==> flow/design.v <==
module ex_rf_rtl #(
    parameter NWORDS = 64,
    parameter W = 20,
    parameter ADDR_WIDTH = $clog2(NWORDS)
) (
    input  clock,
    input  wr,
    input  [ADDR_WIDTH-1:0] wr_addr,
    input  [W-1:0] wr_data,
    input  [ADDR_WIDTH-1:0] raddr1,
    input  [ADDR_WIDTH-1:0] raddr2,
    output [W-1:0] q1,
    output [W-1:0] q2
);
    reg wr_r;
    reg [ADDR_WIDTH-1:0] wr_addr_r;
    reg [W-1:0] wr_data_r;
    reg [W-1:0] ram [NWORDS-1:0];
    always @(posedge clock) begin
        if (wr_r)
            ram[wr_addr_r] <= wr_data_r;
    end
    reg [ADDR_WIDTH-1:0] raddr1_r;
    reg [ADDR_WIDTH-1:0] raddr2_r;
    assign q1 = (wr_r && wr_addr_r == raddr1_r) ? wr_data_r : ram[raddr1_r];
    assign q2 = (wr_r && wr_addr_r == raddr2_r) ? wr_data_r : ram[raddr2_r];
    always @(posedge clock) begin
        wr_r <= wr;
        wr_addr_r <= wr_addr;
        wr_data_r <= wr_data;
        raddr1_r <= raddr1;
        raddr2_r <= raddr2;
    end
endmodule
### Step by step through the tools: ex_rf_rtl

What the tools print for ex_rf_rtl, step after step.
Line numbers count from 1 in the design file above.
Operators carry their Yosys type and port widths (W data, S select, Z words).
Library cell names are shortened.
Not given: n/a

| inputs | value |
|---|---|
| top module | ex_rf_rtl |
| clock input | clock |
| cell library | sky130hd |
| corner | tt_025C_1v80 |

### After elaboration

Counts by Yosys on the flattened word-level netlist (proc, flatten, opt, wreduce; memories kept). Print and check cells are left out. Cells with the same type and inputs are merged into one.
Memory sizes are those after Yosys's memory passes, which may raise the word count (mostly to a power of two), join words into wider ones and drop unused or constant bits.

| word-level totals | value |
|---|---|
| output and inout port bits | 40 |
| word width x clocked read ports | 40 |
| input bits | 40 |
| bits in registers | 39 |
| bits in writable memories | 1280 |
| memory cells | 1 |
| word-level cells | 15 |

Memory list:

| memory | depth | width | read ports | write ports | RTL line | text |
|---|---|---|---|---|---|---|
| ram | 64 | 20 | 2 | 1 | 18 | `reg [W-1:0] ram [NWORDS-1:0];` |

| operators by class | value |
|---|---|
| reductions and logical operators | 2 |
| eq/ne operators | 2 |
| mux-type cells | 5 |

Operators by type and width:

| kind | count |
|---|---|
| $mux W20 | 3 |
| $eq A6 B6 Y1 | 2 |
| $mux W6 | 1 |
| $logic_and A1 B1 Y1 | 2 |
| $mux W1 | 1 |

### Longest topological paths

Depth = most cells in a row (Yosys ltp): at word level without a register or memory, in the mapped netlist without a sequential cell, where the memories' decode and read muxes count.

| depth | value |
|---|---|
| word-level depth | 3 |
| ABC_AREA | 0 |
| gate-level depth with buffers | 11 |
| mapped depth without buffers | 6 |

### Synthesis result

Source: synth_stat.txt of the flow (Yosys; design flattened, memories mapped). It holds for the ABC_AREA given above (unset counts as 0); a run with the other value may have another netlist.

| synthesis totals | value |
|---|---|
| flip-flop cells | 1319 |
| sequential area | 39217.6 um2 |
| buffer cells | 310 |
| chip area (Yosys) | 61582.8 um2 |
| cells in the netlist | 3885 |

Cell types:

| cell | count | total area (um2) |
|---|---|---|
| edfxtp_1 | 1280 | 3.84E+04 |
| mux2i_1 | 940 | 9.41E+03 |
| mux4_2 | 198 | 4.46E+03 |
| a22oi_1 | 382 | 2867.75 |
| dfxtp_1 | 39 | 780.749 |
| nand2_1 | 201 | 754.474 |
| buf_2 | 136 | 680.653 |
| nand3_1 | 121 | 605.581 |
| a21oi_1 | 95 | 475.456 |
| clkbuf_1 | 100 | 375.36 |
| a221oi_1 | 39 | 341.578 |
| buf_4 | 45 | 337.824 |
| a32oi_1 | 36 | 315.302 |
| nor2_1 | 74 | 277.766 |
| a41oi_1 | 19 | 166.41 |
| a211oi_1 | 21 | 157.651 |
| mux4_1 | 6 | 157.651 |
| nand4_1 | 22 | 137.632 |

Not listed: further types 29, cells in them 131.

### Worst setup path after synthesis

OpenSTA on the mapped netlist: ideal clock, no wires. The path of least setup slack (recovery checks aside). Input and output delay are each 20% of the period. Register names are those of the netlist, which keeps one name where synthesis merged equal registers.

| timing post-synthesis | value |
|---|---|
| path type | reg2reg |
| start point | reg wr_r |
| end point | mem ram[48][0] |
| launch time at the first pin | 0.000 ns |
| data required time | 3.088 ns |
| delay of the path | 2.808 ns |
| path buffers | 1 |
| period | 3.51 ns |
| library setup time | 0.422 ns |
| arrival time | 2.386 ns |
| stages on the path | 5 |
| slack | 0.702 ns |
| synthesis period reached | 2.808 ns |

"delay of the path" = arrival - input delay + setup time.
"stages on the path": output pins that drive a net of the path, with the launching flip-flop's if there is one; two outputs of one cell count as two.
"synthesis period reached" is the clock period less the worst setup slack; recovery checks do not enter. This is arithmetic on one report: input and output delays are still those of the set period (20% each).
Between the ends stands the longest chain of elaborated cells between them, by number of cells; it is not shown to be the way that was timed. Of several equally long chains one is given.
A line is the first line of the expression or statement that the cell stems from. Yosys adds cells for indexed reads and writes and turns some case tables into memories.
The path ends at the enable pin of a flip-flop; only ways to that pin are counted.

| between the ends, post-synthesis | value |
|---|---|
| cells stage by stage | dfxtp_1 > clkbuf_1 > nand3_1 > or3_1 > nor3_1 |
| cells in the longest elaborated chain | 1 |
| elaborated cells on any way between the ends | 2 |
| RTL lines with such cells | 1 |
| classes of those cells | mux (2) |

Ends and longest elaborated chain, post-synthesis:

| element | RTL line | text |
|---|---|---|
| from (decl) | 15 | `reg wr_r;` |
| from (assign) | 28 | `wr_r <= wr;` |
| $mux W6 | 20 | `if (wr_r)` |
| to (decl) | 18 | `reg [W-1:0] ram [NWORDS-1:0];` |

### Path in the finished layout

Path of least setup slack in the final report of entry A (OpenROAD, finished layout, wires in). Where an end is a register, its clock arrival counts in the times.

| timing after layout | value |
|---|---|
| path type | reg2out |
| start point | reg raddr2_r[2] |
| end point | out q2[17] |
| slack | -0.50 ns |
| path buffers | 3 |
| launch time at the first pin | 0.89 ns |
| stages on the path | 8 |
| output delay | 0.78 ns |
| period | 3.88 ns |
| data required time | 3.10 ns |
| arrival time | 3.60 ns |

Between the ends stands the longest chain of elaborated cells between them, by number of cells; it is not shown to be the way that was timed. Of several equally long chains one is given.

| between the ends, after layout | value |
|---|---|
| cells stage by stage | dfxtp_4 > buf_12 > buf_6 > mux4_2 > o211ai_1 > a41oi_2 > a221o_2 > buf_6 |
| cells in the longest elaborated chain | 3 |
| elaborated cells on any way between the ends | 3 |
| RTL lines with such cells | 1 |
| classes of those cells | eq/ne (1); mux (1); reduce/logical (1) |

Ends and longest elaborated chain, after layout:

| element | RTL line | text |
|---|---|---|
| from (decl) | 24 | `reg [ADDR_WIDTH-1:0] raddr2_r;` |
| from (assign) | 32 | `raddr2_r <= raddr2;` |
| $eq A6 B6 Y1 | 26 | `assign q2 = (wr_r && wr_addr_r == raddr2_r) ? wr_data_r : ram[raddr2_r];` |
| $logic_and A1 B1 Y1 | 26 |  |
| $mux W20 | 26 |  |
| to (decl) | 13 | `output [W-1:0] q2` |

Settings and measured results of 2 stored flow runs for module ex_rf_rtl (sky130hd), not sorted in any way. The constraints put input and output delay at 20% of the set period each and load the outputs with 0.01 pF.
"allowed time less slack (worst setup path)" means the part of the period allowed to the worst setup path (the constraints hold back 20% at inputs and 20% at outputs) less its slack; where the path has registers, the arrival times of their clocks count too.
A setting shown as - is not set for that run.

| item | entry A | entry B |
|---|---|---|
| period_ns | 3.88 | 3.51 |
| CORE_UTILIZATION | 31 | 40 |
| SETUP_SLACK_MARGIN | -0.08 | - |
| PLACE_DENSITY_LB_ADDON | 0.08 | - |
| CELL_PAD_IN_SITES_GLOBAL_PLACEMENT | 3 | - |
| CELL_PAD_IN_SITES_DETAIL_PLACEMENT | 2 | - |
| ABC_AREA | 0 | - |
| CTS_CLUSTER_SIZE | 80 | - |
| SLEW_MARGIN | 15 | 20 |
| MIN_ROUTING_LAYER | met2 | - |
| MAX_ROUTING_LAYER | met4 | - |
| CAP_MARGIN | 20 | 20 |
| CORE_MARGIN | 2 | 2 |
| setup TNS (ns) | -12.050 | -11.875 |
| die area (um2) | 202235.0 | 157113.0 |
| worst setup slack after layout (ns) | -0.499 | -0.427 |
| netlist area reported by Yosys (um2) | 61582.8 | 61582.8 |
| allowed time less slack (worst setup path) (ns) | 3.60 | 3.23 |
| class of the worst setup path | reg2out | reg2out |
| utilization in the final report (%) | 41.9 | 51.5 |
